==> flow/design.v <==
module core_chooser_rtl #(
    parameter WD = 1,
    parameter WAYS = 32,
    parameter SEL_WIDTH = $clog2(WAYS)
) (
    input wire ck,
    input wire RST,
    input wire [WAYS*WD-1:0] in_ch,
    input wire [SEL_WIDTH-1:0] in_sel,
    output wire [WD-1:0] out_q
);
    reg [WAYS*WD-1:0] ch_r;
    reg [SEL_WIDTH-1:0] sel_r;
    always @(posedge ck or posedge RST) begin
        if (RST) begin
            ch_r <= 0;
            sel_r <= 0;
        end else begin
            ch_r <= in_ch;
            sel_r <= in_sel;
        end
    end
    wire [WAYS-1:0] onehot = {{(WAYS-1){1'b0}}, 1'b1} << sel_r;
    reg [WAYS-1:0] onehot_r;
    reg [WAYS*WD-1:0] ch_r_d;
    always @(posedge ck or posedge RST) begin
        if (RST) begin
            onehot_r <= 0;
            ch_r_d <= 0;
        end else begin
            onehot_r <= onehot;
            ch_r_d <= ch_r;
        end
    end
    reg [WD-1:0] r;
    integer i;
    always @(*) begin
        r = 0;
        for (i = 0; i < WAYS; i = i + 1)
            r = r | (ch_r_d[i*WD +: WD] & {WD{onehot_r[i]}});
    end
    reg [WD-1:0] q_r;
    always @(posedge ck or posedge RST) begin
        if (RST) begin
            q_r <= 0;
        end else begin
            q_r <= r;
        end
    end
    assign out_q = q_r;
endmodule
* From RTL to reports: core_chooser_rtl
The steps from the RTL of core_chooser_rtl to its reports follow in flow order.
Line numbers count from 1 in the design file above.
Library cell names are shortened.
The mark -- stands for no value.
- Design top :: core_chooser_rtl
- Clock :: ck
- Standard-cell library :: sky130hd
- Corner :: tt_025C_1v80

* After elaboration
Counts by Yosys on the flattened word-level netlist (proc, flatten, opt, wreduce; memories kept). Register bits leave out memories and registers merged into their read ports (data or address); mux counts leave out enables and synchronous resets folded into registers. Print and check cells are left out. Cells with the same type and inputs are merged into one.
- Register bits :: 102
- Output and inout port bits :: 1
- Word-level cells :: 69
- Shifts and indexed selects :: 1
- Bitwise gates (word level) :: 63
** Operators with widths (count)
- 1-bit AND :: 32
- 1-bit by 5-bit left shift with 32-bit output with constant A :: 1
- 1-bit OR :: 31

* Longest topological paths
Depth = most cells in a row (Yosys ltp): at word level without a register or memory, in the mapped netlist without a sequential cell, where the memories' decode and read muxes count.
- Depth in word-level cells :: 32
- ABC_AREA :: 0
- Depth in mapped cells :: 3

* After synthesis
Yosys stat after the flow's synthesis: flattened, memories mapped to cells. It holds for the ABC_AREA given above (unset counts as 0); a run with the other value may have another netlist.
- Cells in the netlist :: 172
- Cell area after synthesis :: 2926.6 µm²
- Mapped flip-flops :: 102
- Buffers :: 3
** Cells by type (count)
- dfrtp_1 :: 102
- nor2_1 :: 33
- a22oi_1 :: 15
- nand4_1 :: 4
- nand3b_1 :: 3
- a22oi_2 :: 1
- nand2b_1 :: 2
- clkbuf_1 :: 3
- or3b_1 :: 1
- or3b_2 :: 1
- nand2_1 :: 2
- or4_1 :: 1
- or2_2 :: 1
- or3_1 :: 1
- nand3_1 :: 1
- inv_1 :: 1

* Path before layout
OpenSTA on the mapped netlist: ideal clock, no wires. The path of least setup slack (recovery checks aside). Input and output delay are each 20% of the period. Register names are those of the netlist, which keeps one name where synthesis merged equal registers.
- Path type :: flip-flop to flip-flop
- From :: register ch_r_d[0]
- To :: register q_r
- Period :: 1540 ps
- Time at the first pin :: 0 ps
- Arrival time :: 1095 ps
- Data required time :: 1402 ps
- Setup slack :: 306 ps
- Path delay :: 1233 ps
- Driving pins on the path :: 4
- Synthesis period reached :: 1234 ps
"path delay" is the arrival time less input delay plus setup time.
"driving pins on the path" counts driving pins, that of a launching flip-flop among them; a cell with two outputs on the path counts twice.
"synthesis period reached" is the clock period less the worst setup slack; recovery checks do not enter. This is arithmetic on one report: input and output delays are still those of the set period (20% each).
The rows between start and end are the longest chain of elaborated cells between them; the timing report does not say that the signal goes this way. Where chains are equally long, one stands for them.
Each line given opens the expression or statement behind the cell; cells for indexed reads and writes are added by Yosys, which also makes memories of some case tables.
- Cells stage by stage :: dfrtp_1 -> a22oi_1 -> nand4_1 -> or4_1
- Cells in the longest elaborated chain :: 32
** Ends and longest elaborated chain, after synthesis
- start, declared :: RTL line 25 : reg [WAYS*WD-1:0] ch_r_d;
- start, assigned :: RTL line 29 : ch_r_d <= 0;
- start, assigned :: RTL line 32 : ch_r_d <= ch_r;
- 1-bit AND :: RTL line 40 : r = r | (ch_r_d[i*WD +: WD] & {WD{onehot_r[i]}});
- 1-bit OR x31 :: RTL line 40
- end, assigned :: RTL line 45 : q_r <= 0;
- end, assigned :: RTL line 47 : q_r <= r;
- end, declared :: RTL line 42 : reg [WD-1:0] q_r;

* Path in the finished layout
From the final timing report of flow run A: the path of least setup slack in the routed layout; clock arrival at registers is part of the times.
The report prints the path's times to 10 ps; the period is as set.
- Path type :: flip-flop to flip-flop
- From :: register ch_r_d[0]
- To :: register q_r
- Period :: 1540 ps
- Time at the first pin :: 350 ps
- Arrival time :: 1630 ps
- Data required time :: 1770 ps
- Setup slack :: 140 ps
- Driving pins on the path :: 4
The rows between start and end are the longest chain of elaborated cells between them; the timing report does not say that the signal goes this way. Where chains are equally long, one stands for them.
- Cells stage by stage :: dfrtp_1 -> a22oi_1 -> nand4_1 -> or4_1
- Cells in the longest elaborated chain :: 32
** Ends and longest elaborated chain, post-layout
- start, declared :: RTL line 25 : reg [WAYS*WD-1:0] ch_r_d;
- start, assigned :: RTL line 29 : ch_r_d <= 0;
- start, assigned :: RTL line 32 : ch_r_d <= ch_r;
- 1-bit AND :: RTL line 40 : r = r | (ch_r_d[i*WD +: WD] & {WD{onehot_r[i]}});
- 1-bit OR x31 :: RTL line 40
- end, assigned :: RTL line 45 : q_r <= 0;
- end, assigned :: RTL line 47 : q_r <= r;
- end, declared :: RTL line 42 : reg [WD-1:0] q_r;

Measured results for core_chooser_rtl: 3 stored runs of the Yosys and OpenROAD flow on sky130hd. The settings differ; the order carries no meaning. The constraints put input and output delay at 20% of the set period each and load the outputs with 0.01 pF.
"achieved clock period" = clock period - worst setup slack. The figure is calculated, with input and output delays left at 20% of the set period.
"time used up by the worst setup path" is the time allowed to the run's worst setup path (the clock period less input and output delay, where it has them) less its slack. Clock arrival times count: a late capture clock shortens it, a late launch clock lengthens it.
"total power after layout" is the tool's figure for a default switching activity; nothing was simulated.
"time used up by the worst setup path" is given in steps of 10 ps.

* Flow run A
** Files
==> flow/run.sh <==
#!/bin/bash
# the make line also repeats the synthesis and layout settings of config.mk as NAME=value (left out here)
make -C /OpenROAD-flow-scripts/flow DESIGN_CONFIG=/design/flow/config.mk WORK_HOME=/design/flow/orfs CLKGATE_MAP_FILE= finish
==> flow/config.mk <==
export PLATFORM = sky130hd
export DESIGN_NAME = core_chooser_rtl
export DESIGN_NICKNAME = core_chooser_rtl
export VERILOG_FILES = /design/flow/design.v
export SDC_FILE = /design/flow/constraint.sdc
export NUM_CORES = 4
export LEC_CHECK = 0
export CAP_MARGIN = 20
export CORE_MARGIN = 2
export CORE_UTILIZATION = 40
export SLEW_MARGIN = 20
==> flow/constraint.sdc <==
create_clock -name core_clock -period 1.54 [get_ports {ck}]
set_input_delay 0.3080 -clock core_clock [delete_from_list [all_inputs] [get_ports {ck}]]
set_output_delay 0.3080 -clock core_clock [all_outputs]
set_load 0.01 [all_outputs]
** Results
- Time used up by the worst setup path :: 1400 ps
- Critical path type :: flip-flop to flip-flop
- Std-cell area (final layout) :: 3693.5 µm²
- Total power after layout :: 0.004893 W
- Setup slack of the worst path :: 142 ps
- Chip area after synthesis (Yosys) :: 2926.6 µm²
- Overall die area :: 8016.5 µm²
- Achieved clock period :: 1398 ps

* Flow run B
** Files
==> flow/run.sh <==
#!/bin/bash
# the make line also repeats the synthesis and layout settings of config.mk as NAME=value (left out here)
make -C /OpenROAD-flow-scripts/flow DESIGN_CONFIG=/design/flow/config.mk WORK_HOME=/design/flow/orfs CLKGATE_MAP_FILE= finish
==> flow/config.mk <==
export PLATFORM = sky130hd
export DESIGN_NAME = core_chooser_rtl
export DESIGN_NICKNAME = core_chooser_rtl
export VERILOG_FILES = /design/flow/design.v
export SDC_FILE = /design/flow/constraint.sdc
export NUM_CORES = 4
export LEC_CHECK = 0
export CAP_MARGIN = 20
export CELL_PAD_IN_SITES_GLOBAL_PLACEMENT = 2
export CORE_ASPECT_RATIO = 1.81
export CORE_MARGIN = 3
export CORE_UTILIZATION = 36
export SETUP_SLACK_MARGIN = 0.01
export SLEW_MARGIN = 20
==> flow/constraint.sdc <==
create_clock -name core_clock -period 1.73 [get_ports {ck}]
set_input_delay 0.3460 -clock core_clock [delete_from_list [all_inputs] [get_ports {ck}]]
set_output_delay 0.3460 -clock core_clock [all_outputs]
set_load 0.01 [all_outputs]
** Results
- Time used up by the worst setup path :: 1170 ps
- Critical path type :: flip-flop to output port
- Total power after layout :: 0.004686 W
- Setup slack of the worst path :: 217 ps
- Std-cell area (final layout) :: 3762.4 µm²
- Chip area after synthesis (Yosys) :: 2926.6 µm²
- Overall die area :: 9294.8 µm²
- Achieved clock period :: 1513 ps

* Flow run C
** Files
==> flow/run.sh <==
#!/bin/bash
# the make line also repeats the synthesis and layout settings of config.mk as NAME=value (left out here)
make -C /OpenROAD-flow-scripts/flow DESIGN_CONFIG=/design/flow/config.mk WORK_HOME=/design/flow/orfs CLKGATE_MAP_FILE= finish
==> flow/config.mk <==
export PLATFORM = sky130hd
export DESIGN_NAME = core_chooser_rtl
export DESIGN_NICKNAME = core_chooser_rtl
export VERILOG_FILES = /design/flow/design.v
export SDC_FILE = /design/flow/constraint.sdc
export NUM_CORES = 4
export LEC_CHECK = 0
export ABC_AREA = 1
export CAP_MARGIN = 40
export CORE_MARGIN = 6
export CORE_UTILIZATION = 37
export GPL_ROUTABILITY_DRIVEN = 1
export PLACE_DENSITY = 0.82
export SLEW_MARGIN = 20
==> flow/constraint.sdc <==
create_clock -name core_clock -period 0.754 [get_ports {ck}]
set_input_delay 0.1508 -clock core_clock [delete_from_list [all_inputs] [get_ports {ck}]]
set_output_delay 0.1508 -clock core_clock [all_outputs]
set_load 0.01 [all_outputs]
** Results
- Chip area after synthesis (Yosys) :: 3128.0 µm²
- Total power after layout :: 0.009611 W
- Overall die area :: 10804.6 µm²
- Std-cell area (final layout) :: 4025.1 µm²
- Time used up by the worst setup path :: 840 ps
- Critical path type :: flip-flop to output port
- Achieved clock period :: 988 ps
- Setup slack of the worst path :: -234 ps
